==> flow/design.v <==
module alu_selector (clk, i_rst_n, data_i, choose_i, z_o_o);
    parameter XLEN = 4;
    parameter NIN = 4;
    input clk;
    input i_rst_n;
    input [NIN*XLEN-1:0] data_i;
    input [NIN-1:0] choose_i;
    output reg [XLEN-1:0] z_o_o;
    reg [NIN*XLEN-1:0] data_ff;
    reg [NIN-1:0] choose_ff;
    reg [XLEN-1:0] val;
    integer t;
    always @* begin
        val = 0;
        for (t = NIN-1; t >= 0; t = t - 1)
            if (choose_ff[t]) val = data_ff[t*XLEN +: XLEN];
    end
    always @(posedge clk or negedge i_rst_n) begin
        if (~i_rst_n) begin
            data_ff <= 0;
            choose_ff <= 0;
            z_o_o <= 0;
        end else begin
            data_ff <= data_i;
            choose_ff <= choose_i;
            z_o_o <= val;
        end
    end
endmodule
Hand-over note for alu_selector

From RTL to reports: alu_selector
Module alu_selector in several versions that differ in "NIN"; each step lists the members.
The RTL above is that of NIN 4; lines are counted from 1 in the file of the member named.
Operators: Yosys type, input widths -> output width; for muxes data width and select width s.
Cell names lack the library's common part.
A cell with - has no value.
Inputs
  design top: alu_selector
  clock: clk
  cell library: sky130hd
  library corner: tt_025C_1v80

Members of the sweep
New or changed lines of each further member against the RTL above, in its own file; lines it lacks are not shown.
New or changed lines
  NIN 6: RTL line 3  | parameter NIN = 6;
  NIN 10: RTL line 3  | parameter NIN = 10;
  NIN 32: RTL line 3  | parameter NIN = 32;

Word-level counts
Source: Yosys, flattened and elaborated, memories not mapped. Widths are those after wreduce; folded enables and synchronous resets count as part of the registers. Registers that Yosys merges into a memory's read port (data or address) are not register bits. Print and check cells do not count. Equal cells are merged and count once.
Word-level totals
  NIN 4: register bits after elaboration 24, bits of input ports 22, output and inout bits 4, elaborated cells 7
  NIN 6: register bits after elaboration 34, bits of input ports 32, output and inout bits 4, elaborated cells 9
  NIN 10: register bits after elaboration 54, bits of input ports 52, output and inout bits 4, elaborated cells 13
  NIN 32: register bits after elaboration 164, bits of input ports 162, output and inout bits 4, elaborated cells 35
Operators by class (mux-type cells)
  NIN 4: 4
  NIN 6: 6
  NIN 10: 10
  NIN 32: 32
Operators by type and width (kinds with counts)
  NIN 4: $mux 4 (4)
  NIN 6: $mux 4 (6)
  NIN 10: $mux 4 (10)
  NIN 32: $mux 4 (32)

Depth
Yosys ltp: most cells in a row. Word level: on the elaborated netlist, between registers, memories and ports. Mapped: between sequential cells and ports; inverters and the memories' decode and read muxes count.
Depth
  NIN 4: depth after elaboration 4, ABC_AREA 0, gate-level depth with buffers 3, mapped depth without buffers 3
  NIN 6: depth after elaboration 6, ABC_AREA 0, gate-level depth with buffers 4, mapped depth without buffers 3
  NIN 10: depth after elaboration 10, ABC_AREA 0, gate-level depth with buffers 5, mapped depth without buffers 4
  NIN 32: depth after elaboration 32, ABC_AREA 0, gate-level depth with buffers 6, mapped depth without buffers 5

Mapped cells and area
Yosys stat after the flow's synthesis: flattened, memories mapped to cells. It holds for the ABC_AREA given above (unset counts as 0); a run with the other value may have another netlist.
The area totals of this step are shown rounded.
Cell types (type and count)
  NIN 4: dfrtp_1 (24); a22oi_1 (3); o22ai_1 (3); a21oi_1 (3); a221oi_2 (1); a22oi_2 (1); nor2b_2 (1); inv_1 (2); nor3b_1 (1); nand2b_1 (1); nor2_1 (1)
  NIN 6: dfrtp_1 (34); a221oi_1 (8); o221ai_1 (4); nor2b_1 (5); o22ai_1 (4); nor2_4 (1); nor2b_2 (1); inv_1 (2); clkbuf_2 (1)
  NIN 10: dfrtp_1 (54); a221oi_2 (8); a221o_1 (7); a21oi_1 (13); inv_1 (12); o21ai_0 (8); nand2_1 (9); nand3b_1 (4); nor2b_1 (4); nor2_1 (4); buf_6 (1); nor2b_2 (1); or2_4 (1); buf_1 (2); clkbuf_1 (2); buf_2 (1)
  NIN 32: dfrtp_1 (164); nand2b_1 (22); nand2_1 (25); o21ai_0 (18); nor2b_1 (14); nor3b_1 (10); o22ai_1 (12); a22oi_1 (9); a21oi_1 (12); a221oi_1 (6); o211ai_1 (6); a31oi_1 (6); nand3b_1 (5); nor4_1 (6); o31ai_1 (5); o221ai_1 (4); o31a_1 (4); a211oi_1 (4); [+61]
A list marked [+n] leaves out that many cells.
Mapped netlist
  NIN 4: mapped cells 41, chip area (Yosys) 0.0007182 mm^2, sequential area 0.0006006 mm^2, mapped flip-flops 24, buffers 0
  NIN 6: mapped cells 60, chip area (Yosys) 0.001045 mm^2, sequential area 0.0008508 mm^2, mapped flip-flops 34, buffers 1
  NIN 10: mapped cells 131, chip area (Yosys) 0.001844 mm^2, sequential area 0.001351 mm^2, mapped flip-flops 54, buffers 6
  NIN 32: mapped cells 393, chip area (Yosys) 0.005519 mm^2, sequential area 0.004104 mm^2, mapped flip-flops 164, buffers 10

Timing after synthesis
OpenSTA on the mapped netlist: ideal clock, no wires. The path of least setup slack (recovery checks aside). Input and output delay are each 20% of the period. Register names are those of the netlist, which keeps one name where synthesis merged equal registers.
Timing path post-synthesis
  NIN 4: kind reg-to-reg, from reg (no name shown), to reg z_o_o[2], period 1.2 ns, slack 0.241 ns, stages 4, path delay 0.959 ns, synthesis period reached 0.959 ns
  NIN 6: kind reg-to-reg, from reg (no name shown), to reg z_o_o[2], period 1.28 ns, slack 0.257 ns, stages 4, path delay 1.022 ns, synthesis period reached 1.023 ns
  NIN 10: kind reg-to-reg, from reg (no name shown), to reg z_o_o[0], period 1.55 ns, slack 0.308 ns, stages 5, path delay 1.242 ns, synthesis period reached 1.242 ns
  NIN 32: kind reg-to-reg, from reg (no name shown), to reg z_o_o[0], period 1.91 ns, slack 0.382 ns, stages 6, path delay 1.529 ns, synthesis period reached 1.528 ns
"path delay" is the arrival time less input delay plus setup time.
"stages": output pins that drive a net of the path, with the launching flip-flop's if there is one; two outputs of one cell count as two.
"synthesis period reached" = period - worst setup slack (recovery checks aside). The figure is calculated, with input and output delays left at 20% of the set period.
Between the ends stands the longest chain of elaborated cells between them, by number of cells; it is not shown to be the way that was timed. Of several equally long chains one is given.
Each line given opens the expression or statement behind the cell; cells for indexed reads and writes are added by Yosys, which also makes memories of some case tables.
On the way, post-synthesis, NIN 4
  length of the longest elaborated chain: 3
RTL lines, path post-synthesis, NIN 4
  start, declared: RTL line 10
  start, assigned: RTL line 21
  start, assigned: RTL line 25
  $mux 4 x3: RTL line 16
  end, assigned: RTL line 22  | z_o_o <= 0;
  end, assigned: RTL line 26  | z_o_o <= val;
  end, declared: RTL line 8  | output reg [XLEN-1:0] z_o_o;
On the way, post-synthesis, NIN 32
  length of the longest elaborated chain: 7
RTL lines, path post-synthesis, NIN 32
  start, declared: RTL line 10
  start, assigned: RTL line 21
  start, assigned: RTL line 25
  $mux 4 x7: RTL line 16
  end, assigned: RTL line 22  | z_o_o <= 0;
  end, assigned: RTL line 26  | z_o_o <= val;
  end, declared: RTL line 8  | output reg [XLEN-1:0] z_o_o;

Timing after layout
Path of least setup slack in the final report of each member's run (OpenROAD, finished layout, wires in). Where an end is a register, its clock arrival counts in the times.
Timing path after layout
  NIN 4: kind reg-to-output, from reg z_o_o[1], to out z_o_o[1], period 1.2 ns, slack 0.06 ns, stages 2, arrival time 0.90 ns, path buffers 1
  NIN 6: kind reg-to-output, from reg z_o_o[2], to out z_o_o[2], period 1.28 ns, slack 0.06 ns, stages 2, arrival time 0.96 ns, path buffers 1
  NIN 10: kind reg-to-output, from reg z_o_o[3], to out z_o_o[3], period 1.55 ns, slack 0.05 ns, stages 2, arrival time 1.19 ns, path buffers 1
  NIN 32: kind reg-to-reg, from reg (no name shown), to reg z_o_o[2], period 1.91 ns, slack 0.10 ns, stages 6, arrival time 2.17 ns, path buffers 0

Measured runs
Settings and results of one run of the flow (Yosys, OpenROAD) for each member follow. The constraints put input and output delay at 20% of the set period each and load the outputs with 0.01 pF.
Settings
  CAP_MARGIN: 20
  CORE_MARGIN: 2
  CORE_UTILIZATION: 40
  SLEW_MARGIN: 20
Settings by member (period_ns)
  NIN 4: 1.2
  NIN 6: 1.28
  NIN 10: 1.55
  NIN 32: 1.91
Results
  NIN 4: netlist area reported by Yosys 0.0007182 mm^2, overall die area 0.002151 mm^2, area of the standard cells in the finished layout 0.00104 mm^2, worst setup slack after layout 0.064 ns, summed negative setup slack 0.000 ns, power 1343 µW, period achieved 1.136 ns
  NIN 6: netlist area reported by Yosys 0.001045 mm^2, overall die area 0.003037 mm^2, area of the standard cells in the finished layout 0.001505 mm^2, worst setup slack after layout 0.061 ns, summed negative setup slack 0.000 ns, power 1936 µW, period achieved 1.219 ns
  NIN 10: netlist area reported by Yosys 0.001844 mm^2, overall die area 0.00517 mm^2, area of the standard cells in the finished layout 0.002545 mm^2, worst setup slack after layout 0.054 ns, summed negative setup slack 0.000 ns, power 2546 µW, period achieved 1.496 ns
  NIN 32: netlist area reported by Yosys 0.005519 mm^2, overall die area 0.01475 mm^2, area of the standard cells in the finished layout 0.007985 mm^2, worst setup slack after layout 0.101 ns, summed negative setup slack 0.000 ns, power 7576 µW, period achieved 1.809 ns
"period achieved" means the clock period less the worst setup slack. The figure is calculated, with input and output delays left at 20% of the set period.
By "power" is meant OpenSTA's value without simulated activity: inputs other than the clock are taken to toggle once in ten clock periods, and the tool carries that through the logic.
Measured values are rounded.

End of note.
